==> flow/design.v <==
module core_selector_top (i_clk, reset, src_0_in, src_1_in, src_2_in, src_3_in, src_4_in, idx_in, result_out);
  parameter integer NBITS = 10;
  input i_clk;
  input reset;
  input [NBITS-1:0] src_0_in;
  input [NBITS-1:0] src_1_in;
  input [NBITS-1:0] src_2_in;
  input [NBITS-1:0] src_3_in;
  input [NBITS-1:0] src_4_in;
  input [3:0] idx_in;
  output [NBITS-1:0] result_out;
  reg [NBITS-1:0] r_src_0;
  reg [NBITS-1:0] r_src_1;
  reg [NBITS-1:0] r_src_2;
  reg [NBITS-1:0] r_src_3;
  reg [NBITS-1:0] r_src_4;
  reg [3:0] r_idx;
  reg [NBITS-1:0] work;
  always @* begin
    casez (r_idx)
      4'b???1: work = r_src_0;
      4'b??10: work = r_src_1;
      4'b?100: work = r_src_2;
      4'b1000: work = r_src_3;
      default: work = r_src_4;
    endcase
  end
  assign result_out = work;
  always @(posedge i_clk or posedge reset) begin
    if (reset) begin
      r_src_0 <= 0;
      r_src_1 <= 0;
      r_src_2 <= 0;
      r_src_3 <= 0;
      r_src_4 <= 0;
      r_idx <= 0;
    end else begin
      r_src_0 <= src_0_in;
      r_src_1 <= src_1_in;
      r_src_2 <= src_2_in;
      r_src_3 <= src_3_in;
      r_src_4 <= src_4_in;
      r_idx <= idx_in;
    end
  end
endmodule
---- From RTL to reports: core_selector_top ----
What the tools print for core_selector_top, step after step.
Line numbers count from 1 in the design file above.
Operators: Yosys type, input widths -> output width; for muxes data width and select width s.
The mark - stands for no value.
design
  top module .............................. core_selector_top
  clock ................................... i_clk
  library ................................. sky130hd
  timing corner ........................... tt_025C_1v80

---- Word level ----
Source: Yosys, flattened and elaborated, memories not mapped. Widths are those after wreduce; folded enables and synchronous resets count as part of the registers. Registers that Yosys merges into a memory's read port (data or address) are not register bits. Print and check cells do not count. Equal cells are merged and count once.
bit counts
  cells after elaboration ................. 10
  flip-flop bits (word level) ............. 54
operators by class
  equal/unequal tests ..................... 3
  muxes and demuxes ....................... 1
operator list
  cell                count
  $pmux 10 s4         1
  $eq 4x4->1 const B  1
  $eq 3x3->1 const B  1
  $eq 2x2->1 const B  1

---- Longest topological paths ----
Longest topological path by Yosys (ltp), each cell counted once; first at word level (registers and memories cut), then after technology mapping (sequential cells cut; the memories' decode and read muxes count).
logic depth
  word-level depth ........................ 2
  ABC_AREA ................................ 0
  gate-level depth with buffers ........... 4
  mapped depth without buffers ............ 3

---- Netlist ----
Source: synth_stat.txt of the flow (Yosys; design flattened, memories mapped). It holds for the ABC_AREA given above (unset counts as 0); a run with the other value may have another netlist.
cells by type
  cell                       count  area in all (um2)
  sky130_fd_sc_hd__dfrtp_1   54     1.35E+03
  sky130_fd_sc_hd__a22o_1    10     87.584
  sky130_fd_sc_hd__nand3b_1  10     75.072
  sky130_fd_sc_hd__a31oi_1   9      56.304
  sky130_fd_sc_hd__a21oi_1   10     50.048
  sky130_fd_sc_hd__inv_1     11     41.29
  sky130_fd_sc_hd__nand2_1   10     37.536
  sky130_fd_sc_hd__nor2_1    9      33.782
  sky130_fd_sc_hd__nor4b_4   1      23.773
  sky130_fd_sc_hd__buf_2     4      20.019
  sky130_fd_sc_hd__a31oi_2   1      12.512
  sky130_fd_sc_hd__buf_6     1      11.261
  sky130_fd_sc_hd__or4_4     1      11.261
  sky130_fd_sc_hd__clkbuf_1  2      7.507
  sky130_fd_sc_hd__nor2_2    1      6.256
synthesis totals
  mapped flip-flops ....................... 54
  synthesis area .......................... 1825.5 um2
  cells in the netlist .................... 134
  sequential part of the area ............. 1351.3 um2

---- Path before layout ----
OpenSTA on the mapped netlist: ideal clock, no wires. The path of least setup slack (recovery checks aside). Input and output delay are each 20% of the period. Register names are those of the netlist, which keeps one name where synthesis merged equal registers.
timing path post-synthesis
  path kind ............................... reg-to-output
  start point ............................. register r_idx[2]
  end point ............................... output port result_out[0]
  period .................................. 2.03 ns
  arrival time ............................ 1.302 ns
  setup slack ............................. 0.322 ns
  path buffers ............................ 1
  data required time ...................... 1.624 ns
  delay of the path ....................... 1.302 ns
  stages on the path ...................... 4
  synthesis period reached ................ 1.708 ns
"delay of the path" is the arrival time less input delay plus setup time.
At an output port there is no setup time.
"stages on the path" counts driving pins, that of a launching flip-flop among them; a cell with two outputs on the path counts twice.
"synthesis period reached" is the clock period less the worst setup slack; recovery checks do not enter. This is arithmetic on one report: input and output delays are still those of the set period (20% each).
Between the ends stands the longest chain of elaborated cells between them, by number of cells; it is not shown to be the way that was timed. Of several equally long chains one is given.
Each line given opens the expression or statement behind the cell; cells for indexed reads and writes are added by Yosys, which also makes memories of some case tables.
between the ends, post-synthesis
  path through ............................ sky130_fd_sc_hd__dfrtp_1 > sky130_fd_sc_hd__or4_4 > sky130_fd_sc_hd__buf_6 > sky130_fd_sc_hd__a31oi_1
  length of the longest elaborated chain .. 2
RTL lines, path post-synthesis
  what           line  RTL
  from (decl)    17    reg [3:0] r_idx;
  from (assign)  36    r_idx <= 0;
  from (assign)  43    r_idx <= idx_in;
  $eq 4x4->1     20    casez (r_idx)
  $pmux 10 s4    20
  to (decl)      11    output [NBITS-1:0] result_out;

---- Timing after layout ----
Path of least setup slack in the final report of stored run 1 (OpenROAD, finished layout, wires in). Where an end is a register, its clock arrival counts in the times.
timing path after layout
  path kind ............................... reg-to-output
  start point ............................. register r_idx[2]
  end point ............................... output port result_out[6]
  path buffers ............................ 2
  data required time ...................... 2.55 ns
  setup slack ............................. 0.40 ns
  period .................................. 3.19 ns
  arrival time ............................ 2.15 ns
  stages on the path ...................... 5
Between the ends stands the longest chain of elaborated cells between them, by number of cells; it is not shown to be the way that was timed. Of several equally long chains one is given.
between the ends, after layout
  path through ............................ sky130_fd_sc_hd__dfrtp_1 > sky130_fd_sc_hd__or4_4 > sky130_fd_sc_hd__buf_6 > sky130_fd_sc_hd__a31oi_1 > sky130_fd_sc_hd__clkdlybuf4s50_1
  length of the longest elaborated chain .. 2
RTL lines, path after layout
  what           line  RTL
  from (decl)    17    reg [3:0] r_idx;
  from (assign)  36    r_idx <= 0;
  from (assign)  43    r_idx <= idx_in;
  $eq 4x4->1     20    casez (r_idx)
  $pmux 10 s4    20
  to (decl)      11    output [NBITS-1:0] result_out;

Subject: core_selector_top on sky130hd, stored results

Hello all,

Measured data: module core_selector_top, platform sky130hd, 3 stored runs of the flow under differing settings, order arbitrary. Input and output delays are each 20% of the period that was set; the output load is 0.01 pF.
"achieved clock period (ns)" = clock period - worst setup slack. The figure is calculated, with input and output delays left at 20% of the set period.
"worst setup path time (ns)" means the part of the period allowed to the worst setup path (the constraints hold back 20% at inputs and 20% at outputs) less its slack; where the path has registers, the arrival times of their clocks count too.
"finish__power__total" rests on the timing tool's default activity at the inputs, not on a simulated workload.

Flow files of stored run 1
==> flow/run.sh <==
#!/bin/bash
# the make line also repeats the synthesis and layout settings of config.mk as NAME=value (left out here)
make -C /OpenROAD-flow-scripts/flow DESIGN_CONFIG=/design/flow/config.mk WORK_HOME=/design/flow/orfs CLKGATE_MAP_FILE= finish
==> flow/config.mk <==
export PLATFORM = sky130hd
export DESIGN_NAME = core_selector_top
export DESIGN_NICKNAME = core_selector_top
export VERILOG_FILES = /design/flow/design.v
export SDC_FILE = /design/flow/constraint.sdc
export NUM_CORES = 4
export LEC_CHECK = 0
export CAP_MARGIN = 20
export CELL_PAD_IN_SITES_DETAIL_PLACEMENT = 0
export CELL_PAD_IN_SITES_GLOBAL_PLACEMENT = 3
export CORE_ASPECT_RATIO = 1.28
export CORE_MARGIN = 2
export CORE_UTILIZATION = 30
export GPL_ROUTABILITY_DRIVEN = 1
export GPL_TIMING_DRIVEN = 0
export PLACE_DENSITY = 0.71
export SETUP_SLACK_MARGIN = 0.21
export SLEW_MARGIN = 15
==> flow/constraint.sdc <==
create_clock -name core_clock -period 3.19 [get_ports {i_clk}]
set_input_delay 0.6380 -clock core_clock [delete_from_list [all_inputs] [get_ports {i_clk}]]
set_output_delay 0.6380 -clock core_clock [all_outputs]
set_load 0.01 [all_outputs]

report of stored run 1
yosys chip area after synthesis (um^2): 1825.5
finish__design__die__area: 6730.0
finish__design__instance__area__stdcell: 2703.8
finish__design__instance__utilization: 0.4532
finish__timing__setup__ws: 0.400
finish__timing__setup__tns: 0.000
finish__timing__hold__ws: 0.693
finish__power__total: 1.338e-03
achieved clock period (ns): 2.790
worst setup path time (ns): 2.15
worst setup path kind: reg-to-output

Flow files of stored run 2
==> flow/run.sh <==
#!/bin/bash
# the make line also repeats the synthesis and layout settings of config.mk as NAME=value (left out here)
make -C /OpenROAD-flow-scripts/flow DESIGN_CONFIG=/design/flow/config.mk WORK_HOME=/design/flow/orfs CLKGATE_MAP_FILE= finish
==> flow/config.mk <==
export PLATFORM = sky130hd
export DESIGN_NAME = core_selector_top
export DESIGN_NICKNAME = core_selector_top
export VERILOG_FILES = /design/flow/design.v
export SDC_FILE = /design/flow/constraint.sdc
export NUM_CORES = 4
export LEC_CHECK = 0
export CAP_MARGIN = 20
export CORE_MARGIN = 2
export CORE_UTILIZATION = 40
export SLEW_MARGIN = 20
==> flow/constraint.sdc <==
create_clock -name core_clock -period 2.03 [get_ports {i_clk}]
set_input_delay 0.4060 -clock core_clock [delete_from_list [all_inputs] [get_ports {i_clk}]]
set_output_delay 0.4060 -clock core_clock [all_outputs]
set_load 0.01 [all_outputs]

report of stored run 2
yosys chip area after synthesis (um^2): 1825.5
finish__design__die__area: 5120.1
finish__design__instance__area__stdcell: 2696.3
finish__design__instance__utilization: 0.6150
finish__timing__setup__ws: -0.160
finish__timing__setup__tns: -1.204
finish__timing__hold__ws: 0.455
finish__power__total: 2.097e-03
achieved clock period (ns): 2.190
worst setup path time (ns): 1.78
worst setup path kind: reg-to-output

Flow files of stored run 3
==> flow/run.sh <==
#!/bin/bash
# the make line also repeats the synthesis and layout settings of config.mk as NAME=value (left out here)
make -C /OpenROAD-flow-scripts/flow DESIGN_CONFIG=/design/flow/config.mk WORK_HOME=/design/flow/orfs CLKGATE_MAP_FILE= finish
==> flow/config.mk <==
export PLATFORM = sky130hd
export DESIGN_NAME = core_selector_top
export DESIGN_NICKNAME = core_selector_top
export VERILOG_FILES = /design/flow/design.v
export SDC_FILE = /design/flow/constraint.sdc
export NUM_CORES = 4
export LEC_CHECK = 0
export CAP_MARGIN = 20
export CELL_PAD_IN_SITES_DETAIL_PLACEMENT = 0
export CORE_ASPECT_RATIO = 0.63
export CORE_MARGIN = 10
export CORE_UTILIZATION = 22
export CTS_CLUSTER_DIAMETER = 397
export CTS_CLUSTER_SIZE = 32
export MAX_ROUTING_LAYER = met5
export MIN_ROUTING_LAYER = met2
export SETUP_SLACK_MARGIN = 0.4
export SLEW_MARGIN = 25
export TNS_END_PERCENT = 10
==> flow/constraint.sdc <==
create_clock -name core_clock -period 2.32 [get_ports {i_clk}]
set_input_delay 0.4640 -clock core_clock [delete_from_list [all_inputs] [get_ports {i_clk}]]
set_output_delay 0.4640 -clock core_clock [all_outputs]
set_load 0.01 [all_outputs]

report of stored run 3
yosys chip area after synthesis (um^2): 1825.5
finish__design__die__area: 12438.8
finish__design__instance__area__stdcell: 2847.7
finish__design__instance__utilization: 0.3516
finish__timing__setup__ws: 0.030
finish__timing__setup__tns: 0.000
finish__timing__hold__ws: 0.544
finish__power__total: 2.009e-03
achieved clock period (ns): 2.290
worst setup path time (ns): 1.83
worst setup path kind: reg-to-output

Thanks
